==> flow/design.v <==
module gen_shift_unit_rtl #(
   parameter int W = 12,
   parameter int SBITS = $clog2(W)
) (
   input  logic ck,
   input  logic rst,
   input  logic [W-1:0] in,
   input  logic [SBITS-1:0] count,
   output logic [W-1:0] z_o
);
   logic [W-1:0] in_s;
   logic [SBITS-1:0] count_s;
   always_ff @(posedge ck or posedge rst) begin
      if (rst) begin
         in_s <= 0;
         count_s <= 0;
      end else begin
         in_s <= in;
         count_s <= count;
      end
   end
   assign z_o = in_s >> count_s;
endmodule
---- From RTL to reports: gen_shift_unit_rtl ----
What the tools print for gen_shift_unit_rtl, step after step.
Line numbers count from 1 in the design file above.
Cell names lack the library's common part.
The mark n/a stands for no value.
set-up
  design top .............................. gen_shift_unit_rtl
  clock port .............................. ck
  standard-cell library ................... sky130hd
  library corner .......................... tt_025C_1v80

---- After elaboration ----
Source: Yosys, flattened and elaborated, memories not mapped. Widths are those after wreduce; folded enables and synchronous resets count as part of the registers. Registers that Yosys merges into a memory's read port (data or address) are not register bits. Print and check cells do not count. Equal cells are merged and count once.
cells by class
  $add $sub $neg .......................... 0
  multiply operators ...................... 0
  divide/modulo/power cells ............... 0
  order comparisons ....................... 0
  eq/ne operators ......................... 0
  shift operators ......................... 1
  multiplexer cells ....................... 0
  bitwise operators ....................... 0
  reduce/logical cells .................... 0
operators with widths
  kind                                            number
  12-bit by 4-bit right shift with 12-bit output  1
bit counts
  register bits ........................... 16
  latch bits .............................. 0
  RAM bits ................................ 0
  memory bits (read-only) ................. 0
  clocked read ports x word width ......... 0
  memory cells ............................ 0
  input port bits ......................... 18
  word-level cells ........................ 3

---- Longest topological paths ----
Longest topological path by Yosys (ltp), each cell counted once; first at word level (registers and memories cut), then after technology mapping (sequential cells cut; the memories' decode and read muxes count).
logic depth
  depth after elaboration ................. 1
  ABC_AREA ................................ 0
  depth in mapped cells ................... 5
  mapped depth without buffers ............ 3

---- Mapped cells and area ----
The flow's flattened synthesis, as Yosys stat reports it; memories are mapped. The netlist is that of the ABC_AREA named above (0 if unset); the other value can give another one.
cells by type
  type      number
  dfrtp_1   16
  mux4_1    9
  mux2i_1   7
  buf_6     3
  mux4_2    1
  and2_1    3
  nand2_1   5
  a22o_1    2
  a31o_1    2
  nand2b_1  2
  mux2_2    1
  nor2_1    3
  a21oi_1   2
  o21ai_0   2
  and2b_2   1
  a22oi_1   1
  nand3b_1  1
  nor3b_1   1
Other cell types: 4; their cells: 4.
synthesis totals
  cells in the netlist .................... 66
  chip area (Yosys) ....................... 0.0009397 mm^2
  sequential area ......................... 0.0004004 mm^2
  flip-flops .............................. 16

---- Worst setup path after synthesis ----
OpenSTA on the mapped netlist: ideal clock, no wires. The path of least setup slack (recovery checks aside). Input and output delay are each 20% of the period. Register names are those of the netlist, which keeps one name where synthesis merged equal registers.
timing path after synthesis
  kind .................................... flip-flop to output port
  start point ............................. reg count_s[0]
  end point ............................... out z_o[3]
  clock period ............................ 2240 ps
  output delay ............................ 448 ps
  arrival time ............................ 1435 ps
  required time ........................... 1792 ps
  path slack .............................. 357 ps
  delay of the path ....................... 1435 ps
  stages .................................. 5
  buffers on the path ..................... 1
  synthesis period reached ................ 1883 ps
"delay of the path" = arrival - input delay + setup time.
A path that ends at an output port has no setup time.
"stages" counts driving pins, that of a launching flip-flop among them; a cell with two outputs on the path counts twice.
"synthesis period reached" is the clock period less the worst setup slack; recovery checks do not enter. This is arithmetic on one report: input and output delays are still those of the set period (20% each).
The rows between start and end are the longest chain of elaborated cells between them; the timing report does not say that the signal goes this way. Where chains are equally long, one stands for them.
A line is the first line of the expression or statement that the cell stems from. Yosys adds cells for indexed reads and writes and turns some case tables into memories.
on the way, after synthesis
  cells stage by stage .................... dfrtp_1 -> buf_6 -> mux4_2 -> a22o_1 -> a31o_1
  length of the longest elaborated chain .. 1
ends and longest elaborated chain, after synthesis
  item                                            line  source
  from (decl)                                     12    logic [SBITS-1:0] count_s;
  from (assign)                                   16    count_s <= 0;
  from (assign)                                   19    count_s <= count;
  12-bit by 4-bit right shift with 12-bit output  22    assign z_o = in_s >> count_s;
  to (decl)                                       9     output logic [W-1:0] z_o

---- Timing after layout ----
From the final timing report of stored run 3: the path of least setup slack in the routed layout; clock arrival at registers is part of the times.
The report prints the path's times to 10 ps; the period is as set.
timing path after layout
  kind .................................... flip-flop to output port
  start point ............................. reg count_s[0]
  end point ............................... out z_o[0]
  clock period ............................ 2240 ps
  output delay ............................ 450 ps
  arrival time ............................ 1860 ps
  required time ........................... 1790 ps
  path slack .............................. -70 ps
  stages .................................. 6
  buffers on the path ..................... 2
The rows between start and end are the longest chain of elaborated cells between them; the timing report does not say that the signal goes this way. Where chains are equally long, one stands for them.
on the way, after layout
  cells stage by stage .................... dfrtp_2 -> buf_6 -> mux4_2 -> a22o_1 -> a31o_1 -> buf_2
  length of the longest elaborated chain .. 1
ends and longest elaborated chain, after layout
  item                                            line  source
  from (decl)                                     12    logic [SBITS-1:0] count_s;
  from (assign)                                   16    count_s <= 0;
  from (assign)                                   19    count_s <= count;
  12-bit by 4-bit right shift with 12-bit output  22    assign z_o = in_s >> count_s;
  to (decl)                                       9     output logic [W-1:0] z_o

FLOW RESULTS
============

Record of 3 stored runs of the RTL-to-layout flow on gen_shift_unit_rtl, platform sky130hd. The runs are unordered. Constraints: input delay and output delay 20% of the set period each, output load 0.01 pF.
"period achieved" means the clock period less the worst setup slack. The figure is calculated, with input and output delays left at 20% of the set period.
"time on the worst setup path" = time allowed to the worst setup path (clock period - input delay - output delay, where it has them) - its slack; a late launch clock adds to it, a late capture clock takes from it.
"power consumption": no workload was simulated; the value follows from the tool's default switching activity.
"time on the worst setup path" is given in steps of 10 ps.

---- stored run 1 ----
settings
  period_ns = 2.36
  CORE_UTILIZATION = 71
  SETUP_SLACK_MARGIN = 0.69
  PLACE_DENSITY_LB_ADDON = 0.16
  CORE_MARGIN = 2
  CELL_PAD_IN_SITES_GLOBAL_PLACEMENT = 1
  CELL_PAD_IN_SITES_DETAIL_PLACEMENT = 1
  ABC_AREA = 0
  GPL_ROUTABILITY_DRIVEN = 0
  CTS_CLUSTER_SIZE = 57
  SLEW_MARGIN = 10
  MAX_ROUTING_LAYER = met4
  CAP_MARGIN = 20
results
  did not finish, placement stopped with FLW-0024

---- stored run 2 ----
settings
  period_ns = 1.96
  CORE_UTILIZATION = 59
  SETUP_SLACK_MARGIN = 0.44
  CELL_PAD_IN_SITES_DETAIL_PLACEMENT = 2
  CTS_CLUSTER_SIZE = 15
  SLEW_MARGIN = 35
  CAP_MARGIN = 20
  CORE_MARGIN = 2
results
  did not finish, placement stopped with a tool error

---- stored run 3 ----
settings
  period_ns = 2.24
  CAP_MARGIN = 20
  CORE_MARGIN = 2
  CORE_UTILIZATION = 40
  SLEW_MARGIN = 20
results
  utilization in the final report ......... 63.0 %
  total negative slack on setup checks .... -133 ps
  time on the worst setup path ............ 1860 ps
  worst setup path kind ................... flip-flop to output port
  period achieved ......................... 2307 ps
  lowest setup slack ...................... -67 ps
  power consumption ....................... 687 uW
  mapped cell area after synthesis ........ 0.0009397 mm^2
  die outline area ........................ 0.0027526 mm^2
